==> flow/design.v <==
module add_core #(
   parameter DATA_W = 8
) (
   input sys_clk,
   input [DATA_W-1:0] i_op_a,
   input [DATA_W-1:0] i_op_b,
   input [DATA_W-1:0] i_op_c,
   output [DATA_W+1:0] o_result
);
   reg [DATA_W-1:0] op_a_r;
   reg [DATA_W-1:0] op_b_r;
   reg [DATA_W-1:0] op_c_r;
   wire [DATA_W-1:0] work;
   assign work = op_a_r ^ op_b_r ^ op_c_r;
   wire [DATA_W-1:0] cc;
   assign cc = (op_a_r & op_b_r) | (op_a_r & op_c_r) | (op_b_r & op_c_r);
   assign o_result = work + {cc, 1'b0};
   always @(posedge sys_clk) begin
      op_a_r <= i_op_a;
      op_b_r <= i_op_b;
      op_c_r <= i_op_c;
   end
endmodule
Wiki page: add_core / tool data

* Tool chain data of add_core
Tool output for the members of one design family, told apart by "DATA_W", in the order of the flow.
The RTL above is that of DATA_W=8; lines are counted from 1 in the file of the member named.
Library cell names are shortened.
A cell with -- has no value.
- Design top :: add_core
- Clock :: sys_clk
- Cell library :: sky130hd
- Corner :: tt_025C_1v80

* Members of the sweep
New or changed lines of each further member against the RTL above, in its own file; lines it lacks are not shown.
** New or changed lines
- DATA_W 18 :: line 2 : parameter DATA_W = 18
- DATA_W 24 :: line 2 : parameter DATA_W = 24

* Word level
Yosys after proc, flatten, opt, wreduce and memory -nomap, before mapping. Enables and synchronous resets that opt folds into registers are not counted as muxes. Memory bits, and registers merged into a memory's read port (data or address), are not among the register bits. Print and check cells are not counted. Equal cells are merged and count once.
** Bit counts
- DATA_W 8 :: bits in registers 24, output and inout bits 10, cells after elaboration 11
- DATA_W 18 :: bits in registers 54, output and inout bits 20, cells after elaboration 11
- DATA_W 24 :: bits in registers 72, output and inout bits 26, cells after elaboration 11
** Cells by class
- DATA_W 8 :: add/sub/neg operators 1, bitwise operators 7
- DATA_W 18 :: add/sub/neg operators 1, bitwise operators 7
- DATA_W 24 :: add/sub/neg operators 1, bitwise operators 7
** Operators with widths (kinds with counts)
- DATA_W 8 :: AND 8 bit: 3; OR 8 bit: 2; bitwise XOR 8 bit: 2; adder 8 x 9 -> 10 bit: 1
- DATA_W 18 :: AND 18 bit: 3; OR 18 bit: 2; bitwise XOR 18 bit: 2; adder 18 x 19 -> 20 bit: 1
- DATA_W 24 :: AND 24 bit: 3; OR 24 bit: 2; bitwise XOR 24 bit: 2; adder 24 x 25 -> 26 bit: 1

* Depth
Depth = most cells in a row (Yosys ltp): at word level without a register or memory, in the mapped netlist without a sequential cell, where the memories' decode and read muxes count.
** Depth
- DATA_W 8 :: word-level depth 4, ABC_AREA 0, mapped depth 9, mapped depth without buffers 9
- DATA_W 18 :: word-level depth 4, ABC_AREA 0, mapped depth 12, mapped depth without buffers 12
- DATA_W 24 :: word-level depth 4, ABC_AREA 0, mapped depth 12, mapped depth without buffers 12

* Netlist
The flow's flattened synthesis, as Yosys stat reports it; memories are mapped. The netlist is that of the ABC_AREA named above (0 if unset); the other value can give another one.
Totals and module areas in this step are rounded.
** Cells by type (type and count)
- DATA_W 8 :: dfxtp_1: 24; fa_1: 9; ha_1: 7; inv_1: 11; a2111oi_4: 1; xnor2_1: 3; a21oi_1: 4; a21o_2: 2; xor2_1: 2; mux2_4: 1; o21bai_1: 2; a211oi_2: 1; nor2_1: 3; nor3_1: 2; o21ai_0: 2; and2b_2: 1; a211oi_1: 1; a21o_1: 1; (+2)
- DATA_W 18 :: dfxtp_1: 54; fa_1: 19; ha_1: 17; xnor2_1: 10; a21oi_1: 11; inv_1: 14; nand2_1: 14; nor2_1: 12; nand3_1: 8; a21o_1: 4; o211ai_1: 4; xor2_1: 3; a31oi_1: 4; nor2b_1: 4; nor3_1: 4; o21ai_0: 4; clkbuf_1: 5; o311ai_2: 1; (+26)
- DATA_W 24 :: dfxtp_1: 72; fa_1: 25; ha_1: 23; xnor2_1: 13; a21oi_1: 20; xor2_1: 7; nand2_1: 15; a21o_1: 7; inv_1: 13; nor2_1: 12; o21a_1: 6; o21ai_0: 8; a211oi_1: 3; nand3_1: 4; a221oi_1: 2; a221oi_2: 1; a311oi_2: 1; nor3_1: 3; (+24)
The mark (+n) counts cells that are not listed.
** Mapped netlist
- DATA_W 8 :: cell count 79, cell area after synthesis 1000 µm², sequential part of the area 480 µm², flip-flop cells 24
- DATA_W 18 :: cell count 218, cell area after synthesis 2400 µm², sequential part of the area 1100 µm², flip-flop cells 54
- DATA_W 24 :: cell count 259, cell area after synthesis 3100 µm², sequential part of the area 1400 µm², flip-flop cells 72

* Timing after synthesis
Path of least setup slack by OpenSTA after synthesis, without wires, with an ideal clock, recovery checks aside; 20% of the period is set as input and as output delay. Where synthesis merged equal registers, the netlist keeps one of their names.
** Timing path after synthesis
- DATA_W 8 :: kind register -> output, start reg op_a_r[2], end out o_result[8], period 3.24 ns, setup slack 0.516 ns, stages on the path 7, delay of the path 2.076 ns, synthesis period reached 2.724 ns
- DATA_W 18 :: kind register -> output, start reg op_a_r[1], end out o_result[17], period 3.93 ns, setup slack 0.629 ns, stages on the path 11, delay of the path 2.515 ns, synthesis period reached 3.301 ns
- DATA_W 24 :: kind register -> output, start reg op_a_r[1], end out o_result[23], period 4.27 ns, setup slack 0.685 ns, stages on the path 11, delay of the path 2.731 ns, synthesis period reached 3.585 ns
"delay of the path" = arrival - input delay + setup time.
A path that ends at an output port has no setup time.
"stages on the path": output pins that drive a net of the path, with the launching flip-flop's if there is one; two outputs of one cell count as two.
"synthesis period reached" = period - worst setup slack (recovery checks aside). The figure is calculated, with input and output delays left at 20% of the set period.
Between the ends stands the longest chain of elaborated cells between them, by number of cells; it is not shown to be the way that was timed. Of several equally long chains one is given.
A line is the first line of the expression or statement that the cell stems from. Yosys adds cells for indexed reads and writes and turns some case tables into memories.
On the way, after synthesis, DATA_W=8:
- Length of the longest elaborated chain :: 4
** Ends and longest elaborated chain, after synthesis, DATA_W=8
- from (decl) :: line 10 : reg [DATA_W-1:0] op_a_r;
- from (assign) :: line 19 : op_a_r <= i_op_a;
- AND 8 bit :: line 16 : assign cc = (op_a_r & op_b_r) | (op_a_r & op_c_r) | (op_b_r & op_c_r);
- OR 8 bit (2 in a row) :: line 16
- adder 8 x 9 -> 10 bit :: line 17 : assign o_result = work + {cc, 1'b0};
- to (decl) :: line 8 : output [DATA_W+1:0] o_result
On the way, after synthesis, DATA_W=24:
- Length of the longest elaborated chain :: 4
** Ends and longest elaborated chain, after synthesis, DATA_W=24
- from (decl) :: line 10 : reg [DATA_W-1:0] op_a_r;
- from (assign) :: line 19 : op_a_r <= i_op_a;
- AND 24 bit :: line 16 : assign cc = (op_a_r & op_b_r) | (op_a_r & op_c_r) | (op_b_r & op_c_r);
- OR 24 bit (2 in a row) :: line 16
- adder 24 x 25 -> 26 bit :: line 17 : assign o_result = work + {cc, 1'b0};
- to (decl) :: line 8 : output [DATA_W+1:0] o_result

* Timing after layout
From the final timing report of the run of each member: the path of least setup slack in the routed layout; clock arrival at registers is part of the times.
** Timing path after layout
- DATA_W 8 :: kind register -> output, start reg op_c_r[2], end out o_result[8], period 3.24 ns, setup slack 0.11 ns, stages on the path 8, data arrival time 2.49 ns, buffers on the path 1
- DATA_W 18 :: kind register -> output, start reg op_a_r[1], end out o_result[19], period 3.93 ns, setup slack 0.00 ns, stages on the path 13, data arrival time 3.15 ns, buffers on the path 2
- DATA_W 24 :: kind register -> output, start reg op_a_r[1], end out o_result[23], period 4.27 ns, setup slack 0.18 ns, stages on the path 12, data arrival time 3.24 ns, buffers on the path 1

* Layout results
One run of the flow (Yosys, OpenROAD) for each member, with settings and measured results. Input and output delays are each 20% of the period that was set; the output load is 0.01 pF.
- CAP_MARGIN :: 20
- CORE_MARGIN :: 2
- CORE_UTILIZATION :: 40
- SLEW_MARGIN :: 20
** Settings that differ (period_ns)
- DATA_W 8 :: 3.24
- DATA_W 18 :: 3.93
- DATA_W 24 :: 4.27
** Final reports
- DATA_W 8 :: chip area after synthesis (Yosys) 1000 µm², die size 2900 µm², area of the standard cells in the finished layout 1500 µm², post-route utilization 0.62, smallest setup slack 0.11 ns, post-route setup TNS 0.000 ns, post-route worst hold slack 0.78 ns, total design power 0.00076 W, achieved clock period 3.135 ns
- DATA_W 18 :: chip area after synthesis (Yosys) 2400 µm², die size 6700 µm², area of the standard cells in the finished layout 3500 µm², post-route utilization 0.59, smallest setup slack -0.004 ns, post-route setup TNS -0.004 ns, post-route worst hold slack 0.91 ns, total design power 0.0016 W, achieved clock period 3.934 ns
- DATA_W 24 :: chip area after synthesis (Yosys) 3100 µm², die size 8400 µm², area of the standard cells in the finished layout 4500 µm², post-route utilization 0.59, smallest setup slack 0.18 ns, post-route setup TNS 0.000 ns, post-route worst hold slack 0.95 ns, total design power 0.0021 W, achieved clock period 4.095 ns
"achieved clock period" = clock period - worst setup slack. The figure is calculated, with input and output delays left at 20% of the set period.
By "total design power" is meant OpenSTA's value without simulated activity: inputs other than the clock are taken to toggle once in ten clock periods, and the tool carries that through the logic.
Values from the reports are rounded here.
